==> flow/design.v <==
module order #(
   parameter DWIDTH = 80
) (
   input logic aclk,
   input logic RSTN,
   input logic valid,
   input logic [DWIDTH-1:0] in_dataa,
   input logic [DWIDTH-1:0] in_datab,
   output logic out_a_gt_b
);
   logic [DWIDTH-1:0] dataa_d1;
   always_ff @(posedge aclk or negedge RSTN) begin
      if (~RSTN) begin
         dataa_d1 <= '0;
      end else if (valid) begin
         dataa_d1 <= in_dataa;
      end
   end
   logic [DWIDTH-1:0] datab_d1;
   always_ff @(posedge aclk or negedge RSTN) begin
      if (~RSTN) begin
         datab_d1 <= '0;
      end else if (valid) begin
         datab_d1 <= in_datab;
      end
   end
   logic [DWIDTH:0] cy;
   assign cy[0] = 1'b0;
   generate
      for (genvar g = 0; g < DWIDTH; g++) begin : u_g
         assign cy[g+1] = (dataa_d1[g] ^ datab_d1[g]) ? dataa_d1[g] : cy[g];
      end
   endgenerate
   assign out_a_gt_b = cy[DWIDTH];
endmodule
== From RTL to reports: order ==
Tool output for the design above, in the order of the flow.
Line numbers count from 1 in the design file above.
Cell names lack the library's common part.
A cell with - has no value.

* Top: order
* Clock input: aclk
* Standard-cell library: sky130hd
* Corner: tt_025C_1v80

== Elaborated design ==
Yosys after proc, flatten, opt, wreduce and memory -nomap, before mapping. Enables and synchronous resets that opt folds into registers are not counted as muxes. Memory bits, and registers merged into a memory's read port (data or address), are not among the register bits. Print and check cells are not counted. Equal cells are merged and count once.

* Muxes and demuxes: 80
* Bitwise operators: 80

{| class="wikitable"
|+ Operator list
! cell !! count
|-
| XOR 1 bit || 80
|-
| 2-to-1 mux 1 bit || 80
|}

* Register bits: 160
* Input bits: 163

== Depth ==
Longest topological path by Yosys (ltp), each cell counted once; first at word level (registers and memories cut), then after technology mapping (sequential cells cut; the memories' decode and read muxes count).

* Depth in word-level cells: 81
* ABC_AREA: 0
* Depth in mapped cells: 7
* Depth with buffers taken out: 7

== Synthesis result ==
Yosys stat after the flow's synthesis: flattened, memories mapped to cells. It holds for the ABC_AREA given above (unset counts as 0); a run with the other value may have another netlist.

* Standard cells after synthesis: 678
* Chip area (Yosys): 7193.1 um^2
* Area of sequential cells: 4003.8 um^2
* Mapped flip-flops: 160
* Buffer cells: 27

{| class="wikitable"
|+ Cell types
! cell !! count !! total area (um^2)
|-
| dfrtp_1 || 160 || 4003.84
|-
| mux2_2 || 76 || 855.821
|-
| o21ai_0 || 91 || 455.437
|-
| nand2_1 || 92 || 345.331
|-
| inv_1 || 81 || 304.042
|-
| o22ai_1 || 21 || 131.376
|-
| nor2b_1 || 19 || 118.864
|-
| nand2b_1 || 18 || 112.608
|-
| clkbuf_1 || 27 || 101.347
|-
| maj3_1 || 10 || 100.096
|-
| o2111ai_1 || 9 || 78.826
|-
| a221oi_1 || 6 || 52.55
|-
| maj3_2 || 3 || 33.782
|-
| a2111oi_2 || 2 || 30.029
|-
| a22oi_1 || 4 || 30.029
|-
| a2111oi_4 || 1 || 27.526
|-
| nor2b_4 || 2 || 27.526
|-
| a2111oi_0 || 3 || 26.275
|}

Other cell types: 27; their cells: 53.

== Timing after synthesis ==
Path of least setup slack by OpenSTA after synthesis, without wires, with an ideal clock, recovery checks aside; 20% of the period is set as input and as output delay. Where synthesis merged equal registers, the netlist keeps one of their names.

* Kind: register to output
* Start: register datab_d1[21]
* End: output out_a_gt_b
* Period: 2.89 ns
* External output delay: 0.578 ns
* Launch time at the first pin: 0.000 ns
* Arrival: 1.849 ns
* Data required time: 2.312 ns
* Path slack: 0.463 ns
* Delay of the path: 1.849 ns
* Driving pins on the path: 8
* Path buffers: 0
* Synthesis period reached: 2.427 ns

"delay of the path" = arrival - input delay + setup time.
At an output port there is no setup time.
"driving pins on the path" counts driving pins, that of a launching flip-flop among them; a cell with two outputs on the path counts twice.
"synthesis period reached" = period - worst setup slack (recovery checks aside). The figure is calculated, with input and output delays left at 20% of the set period.
Between the ends stands the longest chain of elaborated cells between them, by number of cells; it is not shown to be the way that was timed. Of several equally long chains one is given.
Each line given opens the expression or statement behind the cell; cells for indexed reads and writes are added by Yosys, which also makes memories of some case tables.

* Cells stage by stage: dfrtp_1 nor2b_4 maj3_2 maj3_2 a211oi_2 nor3_1 o41a_1 o21ai_2
* Length of the longest elaborated chain: 60

{| class="wikitable"
|+ Ends and longest elaborated chain, post-synthesis
! what !! line !! text
|-
| start, declared || 19 || <nowiki>logic [DWIDTH-1:0] datab_d1;</nowiki>
|-
| start, assigned || 22 || <nowiki>datab_d1 <= '0;</nowiki>
|-
| start, assigned || 24 || <nowiki>datab_d1 <= in_datab;</nowiki>
|-
| XOR 1 bit || 31 || <nowiki>assign cy[g+1] = (dataa_d1[g] ^ datab_d1[g]) ? dataa_d1[g] : cy[g];</nowiki>
|-
| 2-to-1 mux 1 bit x59 || 31 ||
|-
| end, declared || 9 || <nowiki>output logic out_a_gt_b</nowiki>
|}

== Path in the finished layout ==
From the final timing report of entry A: the path of least setup slack in the routed layout; clock arrival at registers is part of the times.

* Kind: register to output
* Start: register datab_d1[21]
* End: output out_a_gt_b
* Period: 2.89 ns
* External output delay: 0.58 ns
* Launch time at the first pin: 0.40 ns
* Arrival: 2.60 ns
* Data required time: 2.31 ns
* Path slack: -0.29 ns
* Driving pins on the path: 9
* Path buffers: 1

Between the ends stands the longest chain of elaborated cells between them, by number of cells; it is not shown to be the way that was timed. Of several equally long chains one is given.

* Cells stage by stage: dfrtp_1 nor2b_4 maj3_2 maj3_2 a211oi_2 nor3_2 o41a_1 o21ai_2 buf_2
* Length of the longest elaborated chain: 60

{| class="wikitable"
|+ Ends and longest elaborated chain, after layout
! what !! line !! text
|-
| start, declared || 19 || <nowiki>logic [DWIDTH-1:0] datab_d1;</nowiki>
|-
| start, assigned || 22 || <nowiki>datab_d1 <= '0;</nowiki>
|-
| start, assigned || 24 || <nowiki>datab_d1 <= in_datab;</nowiki>
|-
| XOR 1 bit || 31 || <nowiki>assign cy[g+1] = (dataa_d1[g] ^ datab_d1[g]) ? dataa_d1[g] : cy[g];</nowiki>
|-
| 2-to-1 mux 1 bit x59 || 31 ||
|-
| end, declared || 9 || <nowiki>output logic out_a_gt_b</nowiki>
|}

Measured data: module order, platform sky130hd, 3 stored runs of the flow under differing settings, order arbitrary. Input and output delays are each 20% of the period that was set; the output load is 0.01 pF.
"period achieved" is the run's clock period less its worst setup slack. It is reckoned from that one timing run; input and output delays stay at 20% of the period that was set.
By "time used up by the worst setup path" is meant the share of the clock period that the worst setup path is allowed (20% is reserved at inputs, 20% at outputs), minus its slack. Clock arrival times at its registers enter into it.
"power consumption": no workload was simulated; the value follows from the tool's default switching activity.

=== Entry A ===
{| class="wikitable"
! Setting !! Value
|-
| period_ns || 2.89
|-
| CAP_MARGIN || 20
|-
| CORE_MARGIN || 2
|-
| CORE_UTILIZATION || 40
|-
| SLEW_MARGIN || 20
|-
! Result !! Value
|-
| Standard-cell area after layout || 10028.4 um^2
|-
| Period achieved || 3.175 ns
|-
| Worst setup slack after layout || -0.285 ns
|-
| Setup TNS || -0.285 ns
|-
| Time used up by the worst setup path || 2.60 ns
|-
| Kind of the worst setup path || register to output
|-
| Power consumption || 5.893 mW
|-
| Chip area in the Yosys report || 7193.1 um^2
|-
| Full die area || 19071.6 um^2
|}

=== Entry B ===
{| class="wikitable"
! Setting !! Value
|-
| period_ns || 3.99
|-
| CORE_UTILIZATION || 50
|-
| PLACE_DENSITY_LB_ADDON || 0.14
|-
| CORE_MARGIN || 6
|-
| CELL_PAD_IN_SITES_GLOBAL_PLACEMENT || 2
|-
| CAP_MARGIN || 5
|-
| SLEW_MARGIN || 20
|}
Not finished: placement ended with error FLW-0024.

=== Entry C ===
{| class="wikitable"
! Setting !! Value
|-
| period_ns || 1.97
|-
| CORE_UTILIZATION || 54
|-
| SETUP_SLACK_MARGIN || 0.51
|-
| PLACE_DENSITY_LB_ADDON || 0.14
|-
| CELL_PAD_IN_SITES_GLOBAL_PLACEMENT || 0
|-
| TNS_END_PERCENT || 20
|-
| ABC_AREA || 1
|-
| CTS_CLUSTER_SIZE || 34
|-
| CAP_MARGIN || 10
|-
| SLEW_MARGIN || 5
|-
| CORE_MARGIN || 2
|-
! Result !! Value
|-
| Standard-cell area after layout || 10765.3 um^2
|-
| Period achieved || 5.462 ns
|-
| Worst setup slack after layout || -3.492 ns
|-
| Setup TNS || -3.492 ns
|-
| Time used up by the worst setup path || 5.07 ns
|-
| Kind of the worst setup path || register to output
|-
| Power consumption || 9.332 mW
|-
| Chip area in the Yosys report || 7589.8 um^2
|-
| Full die area || 15019.7 um^2
|}
